==> flow/design.v <==
module sync_relation_stage #(
    parameter WIDTH = 36
) (
    input  logic clk,
    input  logic rst_n,
    input  logic [WIDTH-1:0] i_rs1,
    input  logic [WIDTH-1:0] i_rs2,
    output logic o_above,
    output logic o_a_eq_b
);
    logic [WIDTH-1:0] rs1_r;
    always_ff @(posedge clk or negedge rst_n) begin
        if (!rst_n) begin
            rs1_r <= 0;
        end else begin
            rs1_r <= i_rs1;
        end
    end
    logic [WIDTH-1:0] rs2_r;
    always_ff @(posedge clk or negedge rst_n) begin
        if (!rst_n) begin
            rs2_r <= 0;
        end else begin
            rs2_r <= i_rs2;
        end
    end
    localparam NBLK = WIDTH / 4;
    logic [NBLK:0] g;
    logic [NBLK:0] e;
    assign g[0] = 1'b0;
    assign e[0] = 1'b1;
    for (genvar gi = 0; gi < NBLK; gi++) begin : lane
        cmp4 unit (.a(rs1_r[4*gi +: 4]), .b(rs2_r[4*gi +: 4]), .gi(g[gi]), .ei(e[gi]), .go(g[gi+1]), .eo(e[gi+1]));
    end
    always_ff @(posedge clk or negedge rst_n) begin
        if (!rst_n) begin
            o_above <= 1'b0;
        end else begin
            o_above <= g[NBLK];
        end
    end
    always_ff @(posedge clk or negedge rst_n) begin
        if (!rst_n) begin
            o_a_eq_b <= 1'b0;
        end else begin
            o_a_eq_b <= e[NBLK];
        end
    end
endmodule
module cmp4 (
    input logic [3:0] a,
    input logic [3:0] b,
    input logic gi,
    input logic ei,
    output logic go,
    output logic eo
);
    assign go = (a > b) | ((a == b) & gi);
    assign eo = (a == b) & ei;
endmodule
# From RTL to reports: sync_relation_stage
# Tool output for the design above, in the order of the flow.
# Line numbers count from 1 in the design file above.
# Library cell names are shortened.
# A cell with - has no value.
# setup
top_module	sync_relation_stage
clock	clk
library	sky130hd
lib_corner	tt_025C_1v80

# Word level
# Yosys after proc, flatten, opt, wreduce and memory -nomap, before mapping. Enables and synchronous resets that opt folds into registers are not counted as muxes. Memory bits, and registers merged into a memory's read port (data or address), are not among the register bits. Print and check cells are not counted. Equal cells are merged and count once.
# op_classes
compare	9
n_eq	9
bitwise	24
# ops
op	count
> comparator 4 bit	9
equality test 4 bit	9
bitwise AND 1 bit	16
bitwise OR 1 bit	8
# bits
ff_bits	74
in_bits	74
output_inout_bits	2
wordCells	46

# Logic depth
# Yosys ltp: most cells in a row. Word level: on the elaborated netlist, between registers, memories and ports. Mapped: between sequential cells and ports; inverters and the memories' decode and read muxes count.
# logic_depth
ltp_word	17
ABC_AREA	1
mapped_depth	17
depth_no_buf	17

# Netlist
# The flow's flattened synthesis, as Yosys stat reports it; memories are mapped. The netlist is that of the ABC_AREA named above (0 if unset); the other value can give another one.
# synth_totals
stdcells	239
area_um2	2886.5
sequential_area_um2	1851.8
flip_flops	74
buf_cells	0
# types
cell_type	count	area_total_um2
dfrtp_1	74	1.85E+03
ha_1	36	450.432
inv_1	46	172.666
nand2_1	32	120.115
a21oi_1	12	60.058
nor2_1	9	33.782
nand4_4	1	21.27
nand3_1	4	20.019
inv_2	4	15.014
o211ai_1	2	15.014
o21bai_1	2	15.014
a31oi_1	2	12.512
nand2_2	2	12.512
nand4_1	2	12.512
nor4_1	2	12.512
nand3_2	1	10.01
a21oi_2	1	8.758
and2_4	1	8.758
# Other cell types: 6; their cells: 6.

# Worst setup path after synthesis
# OpenSTA on the mapped netlist: ideal clock, no wires. The path of least setup slack (recovery checks aside). Input and output delay are each 20% of the period. Register names are those of the netlist, which keeps one name where synthesis merged equal registers.
# synth_timing
kind	register to register
start	reg rs2_r[7]
end	reg o_above
clock_period_ps	1920
setup_ps	116
launch_ps	0
arrival_ps	1314
t_required_ps	1804
slack_ps	489
delay_ps	1430
path_stages	17
n_path_buf	0
synth_period_reached_ps	1431
# "delay_ps" is the arrival time less input delay plus setup time.
# "path_stages": output pins that drive a net of the path, with the launching flip-flop's if there is one; two outputs of one cell count as two.
# "synth_period_reached_ps" is the clock period less the worst setup slack; recovery checks do not enter. This is arithmetic on one report: input and output delays are still those of the set period (20% each).
# Between the ends stands the longest chain of elaborated cells between them, by number of cells; it is not shown to be the way that was timed. Of several equally long chains one is given.
# Each line given opens the expression or statement behind the cell; cells for indexed reads and writes are added by Yosys, which also makes memories of some case tables.
# synth_via
path_cell_list	dfrtp_1 inv_1 ha_1 nand2_1 clkinv_1 nand2_1 nand2_1 nand2_1 nand3_1 nand2_1 nand2_1 nand2_1 nand2_1 nand2_1 nand2_1 nand2_1 nand2_1
elab_chain_len	17
cone_cells	18
cone_classes	1 x compare; 1 x eq/ne; 16 x logic
# synth_lines
element	line	source
start: declaration	19	logic [WIDTH-1:0] rs2_r;
start: assignment	22	rs2_r <= 0;
start: assignment	24	rs2_r <= i_rs2;
equality test 4 bit	58	assign go = (a > b) | ((a == b) & gi);
bitwise AND 1 bit	58
bitwise OR 1 bit	58
bitwise AND 1 bit	58
bitwise OR 1 bit	58
bitwise AND 1 bit	58
bitwise OR 1 bit	58
[... 3 more ...]	-
bitwise OR 1 bit	58
bitwise AND 1 bit	58
bitwise OR 1 bit	58
bitwise AND 1 bit	58
bitwise OR 1 bit	58
bitwise AND 1 bit	58
bitwise OR 1 bit	58
end: assignment	37	o_above <= 1'b0;
end: assignment	39	o_above <= g[NBLK];
end: declaration	8	output logic o_above,

# Timing after layout
# From the final timing report of flow run 1: the path of least setup slack in the routed layout; clock arrival at registers is part of the times.
# The report prints the path's times to 10 ps; the period is as set.
# layout_timing
kind	register to output
start	reg o_above
end	out o_above
clock_period_ps	2710
output_delay_ps	540
launch_ps	340
arrival_ps	1240
t_required_ps	2170
slack_ps	930
path_stages	2
n_path_buf	1
# layout_via
path_cell_list	dfrtp_1 clkdlybuf4s50_1
elab_chain_len	0
cone_cells	0
lines_between	0
# layout_lines
element	line	source
start: declaration	8	output logic o_above,
start: assignment	37	o_above <= 1'b0;
start: assignment	39	o_above <= g[NBLK];
end: declaration	8

# Record of 2 stored runs of the RTL-to-layout flow on sync_relation_stage, platform sky130hd. The runs are unordered. Constraints: input delay and output delay 20% of the set period each, output load 0.01 pF.
# By "clock_period_reached_ps" is meant the clock period of the run minus its worst setup slack. This is arithmetic on one report: input and output delays are still those of the set period (20% each).
# "power_total_mw" is the tool's figure for a default switching activity; nothing was simulated.
# Among the settings, -- means not set for that run.
setting or result,flow run 1,flow run 2
period_ns,2.71,1.92
CORE_UTILIZATION,24,40
PLACE_DENSITY_LB_ADDON,0.07,--
CORE_MARGIN,5,2
ABC_AREA,1,--
SLEW_MARGIN,10,20
CAP_MARGIN,20,20
final_die_area_um2,14320.9,7872.1
ys_area_um2,2886.5,2871.5
clock_period_reached_ps,1779,1619
worstSetupSlack_ps,931,301
finish.stdcell_area_um2,4146.5,4001.3
util_pct,34.8,58.3
power_total_mw,2.703,3.448
